==> flow/design.v <==
module selector_top #(
    parameter int NBITS = 64,
    parameter int N_IN = 8,
    parameter int LG = $clog2(N_IN)
) (
    input logic clk,
    input logic [N_IN*NBITS-1:0] in_din,
    input logic [LG-1:0] in_idx,
    output logic [NBITS-1:0] out_data_out
);
    logic [N_IN*NBITS-1:0] din_s;
    logic [LG-1:0] idx_s;
    always_ff @(posedge clk) begin
        din_s <= in_din;
        idx_s <= in_idx;
    end
    logic [N_IN-1:0] hot;
    assign hot = {{(N_IN-1){1'b0}}, 1'b1} << idx_s;
    logic [NBITS-1:0] cur;
    always_comb begin
        cur = 0;
        for (int i = 0; i < N_IN; i++)
            cur = cur | (din_s[i*NBITS +: NBITS] & {NBITS{hot[i]}});
    end
    always_ff @(posedge clk) begin
        out_data_out <= cur;
    end
endmodule
* Tool chain data of selector_top
What the tools print for selector_top, step after step.
Line numbers count from 1 in the design file above.
Operators: Yosys type, input widths -> output width; for muxes data width and select width s.
Cell names lack the library's common part.
The mark n/a stands for no value.
- Top module :: selector_top
- Clock port :: clk
- Cell library :: sky130hd
- Timing corner :: tt_025C_1v80

* Word level
Yosys after proc, flatten, opt, wreduce and memory -nomap, before mapping. Enables and synchronous resets that opt folds into registers are not counted as muxes. Memory bits, and registers merged into a memory's read port (data or address), are not among the register bits. Print and check cells are not counted. Equal cells are merged and count once.
- Divide/modulo/power cells :: 0
- Eq/ne operators :: 0
- $lt $le $gt $ge :: 0
- Muxes and demuxes :: 0
- Shift operators :: 1
- $add $sub $neg :: 0
- Multipliers :: 0
- Reduce/logical cells :: 0
- Bitwise operators :: 15
** Operators by type and width (number)
- $and 64x64->64 :: 8
- $or 64x64->64 :: 7
- $shl 1x3->8 const A :: 1
- Memory bits (writable) :: 0
- Bits of input ports :: 516
- Flip-flop bits (word level) :: 579
- Bits in read-only memories :: 0
- Clocked read ports x word width :: 0
- Latch bits :: 0
- Memories :: 0

* Longest topological paths
Depth = most cells in a row (Yosys ltp): at word level without a register or memory, in the mapped netlist without a sequential cell, where the memories' decode and read muxes count.
- Depth in word-level cells :: 9
- ABC_AREA :: 1
- Mapped depth :: 8
- Depth with buffers taken out :: 5

* Mapped cells and area
Source: synth_stat.txt of the flow (Yosys; design flattened, memories mapped). It holds for the ABC_AREA given above (unset counts as 0); a run with the other value may have another netlist.
Totals and module areas in this step are rounded.
** Cell types
- dfxtp_1 :: number 579, total area 1.16E+04 um^2
- nand4_1 :: number 384, total area 2.4E+03 um^2
- nand2_1 :: number 320, total area 1.2E+03 um^2
- nand3_1 :: number 118, total area 590.566 um^2
- buf_2 :: number 113, total area 565.542 um^2
- nor2_1 :: number 128, total area 480.461 um^2
- buf_6 :: number 31, total area 349.085 um^2
- nand3_2 :: number 10, total area 100.096 um^2
- buf_4 :: number 9, total area 67.565 um^2
- buf_8 :: number 1, total area 15.014 um^2
- inv_2 :: number 3, total area 11.261 um^2
- nor2_4 :: number 1, total area 11.261 um^2
- buf_1 :: number 2, total area 7.507 um^2
- clkbuf_1 :: number 1, total area 3.754 um^2
- Standard cells after synthesis :: 1700
- Flip-flops :: 579
- Area of sequential cells :: 0.012 mm^2
- Cell area after synthesis :: 0.017 mm^2

* Timing after synthesis
OpenSTA on the mapped netlist: ideal clock, no wires. The path of least setup slack (recovery checks aside). Input and output delay are each 20% of the period. Register names are those of the netlist, which keeps one name where synthesis merged equal registers.
- Path kind :: register to register
- Start :: reg idx_s[0]
- End :: reg out_data_out[57]
- Slack :: 0.874 ns
- Delay of the path :: 1.106 ns
- Clock period :: 1.98 ns
- Time at the first pin :: 0.000 ns
- Library setup time :: 0.114 ns
- Path buffers :: 3
- Data arrival time :: 0.992 ns
- Driving pins on the path :: 8
- Synthesis period reached :: 1.106 ns
"delay of the path" is the arrival time less input delay plus setup time.
"driving pins on the path" counts driving pins, that of a launching flip-flop among them; a cell with two outputs on the path counts twice.
"synthesis period reached" = period - worst setup slack (recovery checks aside). The figure is calculated, with input and output delays left at 20% of the set period.
The rows between start and end are the longest chain of elaborated cells between them; the timing report does not say that the signal goes this way. Where chains are equally long, one stands for them.
A line is the first line of the expression or statement that the cell stems from. Yosys adds cells for indexed reads and writes and turns some case tables into memories.
- Cell sequence :: dfxtp_1 > buf_4 > buf_4 > buf_2 > nand4_1 > nand2_1 > nor2_1 > nand2_1
- Cells in the longest elaborated chain :: 9
- Elaborated cells on any way between the ends :: 16
- Source lines of those cells :: 2
- Classes of those cells :: shift (1); logic (15)
** Ends and longest elaborated chain, after synthesis
- start: declaration :: line 12 : logic [LG-1:0] idx_s;
- start: assignment :: line 15 : idx_s <= in_idx;
- $shl 1x3->8 :: line 18 : assign hot = {{(N_IN-1){1'b0}}, 1'b1} << idx_s;
- $and 64x64->64 :: line 23 : cur = cur | (din_s[i*NBITS +: NBITS] & {NBITS{hot[i]}});
- $or 64x64->64 (7 in a row) :: line 23
- end: assignment :: line 26 : out_data_out <= cur;
- end: declaration :: line 9 : output logic [NBITS-1:0] out_data_out

* Timing after layout
Path of least setup slack in the final report of flow run 1 (OpenROAD, finished layout, wires in). Where an end is a register, its clock arrival counts in the times.
- Path kind :: register to register
- Start :: reg idx_s[2]
- End :: reg out_data_out[47]
- Path buffers :: 3
- Library setup time :: 0.12 ns
- Driving pins on the path :: 8
- Data arrival time :: 1.88 ns
- Clock period :: 0.989 ns
- Slack :: -0.45 ns
- Time at the first pin :: 0.57 ns
The rows between start and end are the longest chain of elaborated cells between them; the timing report does not say that the signal goes this way. Where chains are equally long, one stands for them.
- Cell sequence :: dfxtp_4 > buf_12 > clkbuf_16 > clkbuf_16 > nand4_1 > nand2_1 > nor2_1 > nand2_1
- Cells in the longest elaborated chain :: 9
- Elaborated cells on any way between the ends :: 16
- Source lines of those cells :: 2
- Classes of those cells :: shift (1); logic (15)
** Ends and longest elaborated chain, after layout
- start: declaration :: line 12 : logic [LG-1:0] idx_s;
- start: assignment :: line 15 : idx_s <= in_idx;
- $shl 1x3->8 :: line 18 : assign hot = {{(N_IN-1){1'b0}}, 1'b1} << idx_s;
- $and 64x64->64 :: line 23 : cur = cur | (din_s[i*NBITS +: NBITS] & {NBITS{hot[i]}});
- $or 64x64->64 (7 in a row) :: line 23
- end: assignment :: line 26 : out_data_out <= cur;
- end: declaration :: line 9 : output logic [NBITS-1:0] out_data_out

Add stored flow runs of selector_top

Record of 3 stored runs of the RTL-to-layout flow on selector_top, platform sky130hd. The runs are unordered. Constraints: input delay and output delay 20% of the set period each, output load 0.01 pF.
"period achieved": clock period set for the run, less the worst setup slack. It is reckoned from that one timing run; input and output delays stay at 20% of the period that was set.
"worst path time": the worst setup path's part of the clock period (all of it between registers, 20% less for each end at a port) less its slack. A launch clock that arrives late makes it longer, a capture clock that arrives late makes it shorter.
The measured numbers are rounded.

* Flow run 1
** Files
==> flow/run.sh <==
#!/bin/bash
# the make line also repeats the synthesis and layout settings of config.mk as NAME=value (left out here)
make -C /OpenROAD-flow-scripts/flow DESIGN_CONFIG=/design/flow/config.mk WORK_HOME=/design/flow/orfs CLKGATE_MAP_FILE= finish
==> flow/config.mk <==
export PLATFORM = sky130hd
export DESIGN_NAME = selector_top
export DESIGN_NICKNAME = selector_top
export VERILOG_FILES = /design/flow/design.v
export SDC_FILE = /design/flow/constraint.sdc
export NUM_CORES = 4
export LEC_CHECK = 0
export ABC_AREA = 1
export CAP_MARGIN = 35
export CORE_MARGIN = 2
export CORE_UTILIZATION = 57
export GPL_TIMING_DRIVEN = 1
export PLACE_DENSITY = 0.51
export SETUP_SLACK_MARGIN = 0.17
export SLEW_MARGIN = 20
==> flow/constraint.sdc <==
create_clock -name core_clock -period 0.989 [get_ports {clk}]
set_input_delay 0.1978 -clock core_clock [delete_from_list [all_inputs] [get_ports {clk}]]
set_output_delay 0.1978 -clock core_clock [all_outputs]
set_load 0.01 [all_outputs]
** Results
- Post-synthesis cell area :: 0.017 mm^2
- Die size :: 0.032 mm^2
- Standard-cell area after routing :: 0.027 mm^2
- Smallest setup slack :: -0.45 ns
- Total negative slack on setup checks :: -33 ns
- Smallest hold slack :: 0.060 ns
- Period achieved :: 1.436 ns
- Worst path time :: 1.44 ns
- Critical path kind :: register to register

* Flow run 2
** Files
==> flow/run.sh <==
#!/bin/bash
# the make line also repeats the synthesis and layout settings of config.mk as NAME=value (left out here)
make -C /OpenROAD-flow-scripts/flow DESIGN_CONFIG=/design/flow/config.mk WORK_HOME=/design/flow/orfs CLKGATE_MAP_FILE= finish
==> flow/config.mk <==
export PLATFORM = sky130hd
export DESIGN_NAME = selector_top
export DESIGN_NICKNAME = selector_top
export VERILOG_FILES = /design/flow/design.v
export SDC_FILE = /design/flow/constraint.sdc
export NUM_CORES = 4
export LEC_CHECK = 0
export CAP_MARGIN = 20
export CORE_MARGIN = 2
export CORE_UTILIZATION = 40
export SLEW_MARGIN = 20
==> flow/constraint.sdc <==
create_clock -name core_clock -period 1.98 [get_ports {clk}]
set_input_delay 0.3960 -clock core_clock [delete_from_list [all_inputs] [get_ports {clk}]]
set_output_delay 0.3960 -clock core_clock [all_outputs]
set_load 0.01 [all_outputs]
** Results
- Post-synthesis cell area :: 0.015 mm^2
- Die size :: 0.04 mm^2
- Standard-cell area after routing :: 0.024 mm^2
- Smallest setup slack :: 0.055 ns
- Total negative slack on setup checks :: 0.000 ns
- Smallest hold slack :: 0.25 ns
- Period achieved :: 1.925 ns
- Worst path time :: 1.53 ns
- Critical path kind :: register to output

* Flow run 3
** Files
==> flow/run.sh <==
#!/bin/bash
# the make line also repeats the synthesis and layout settings of config.mk as NAME=value (left out here)
make -C /OpenROAD-flow-scripts/flow DESIGN_CONFIG=/design/flow/config.mk WORK_HOME=/design/flow/orfs CLKGATE_MAP_FILE= finish
==> flow/config.mk <==
export PLATFORM = sky130hd
export DESIGN_NAME = selector_top
export DESIGN_NICKNAME = selector_top
export VERILOG_FILES = /design/flow/design.v
export SDC_FILE = /design/flow/constraint.sdc
export NUM_CORES = 4
export LEC_CHECK = 0
export ABC_AREA = 0
export CAP_MARGIN = 20
export CELL_PAD_IN_SITES_DETAIL_PLACEMENT = 0
export CORE_ASPECT_RATIO = 0.62
export CORE_MARGIN = 2
export CORE_UTILIZATION = 46
export CTS_CLUSTER_SIZE = 48
export GPL_ROUTABILITY_DRIVEN = 1
export PLACE_DENSITY_LB_ADDON = 0.05
export SLEW_MARGIN = 20
==> flow/constraint.sdc <==
create_clock -name core_clock -period 0.968 [get_ports {clk}]
set_input_delay 0.1936 -clock core_clock [delete_from_list [all_inputs] [get_ports {clk}]]
set_output_delay 0.1936 -clock core_clock [all_outputs]
set_load 0.01 [all_outputs]
** Results
- Post-synthesis cell area :: 0.015 mm^2
- Die size :: 0.035 mm^2
- Standard-cell area after routing :: 0.024 mm^2
- Smallest setup slack :: -0.66 ns
- Total negative slack on setup checks :: -54 ns
- Smallest hold slack :: 0.069 ns
- Period achieved :: 1.630 ns
- Worst path time :: 1.63 ns
- Critical path kind :: register to register
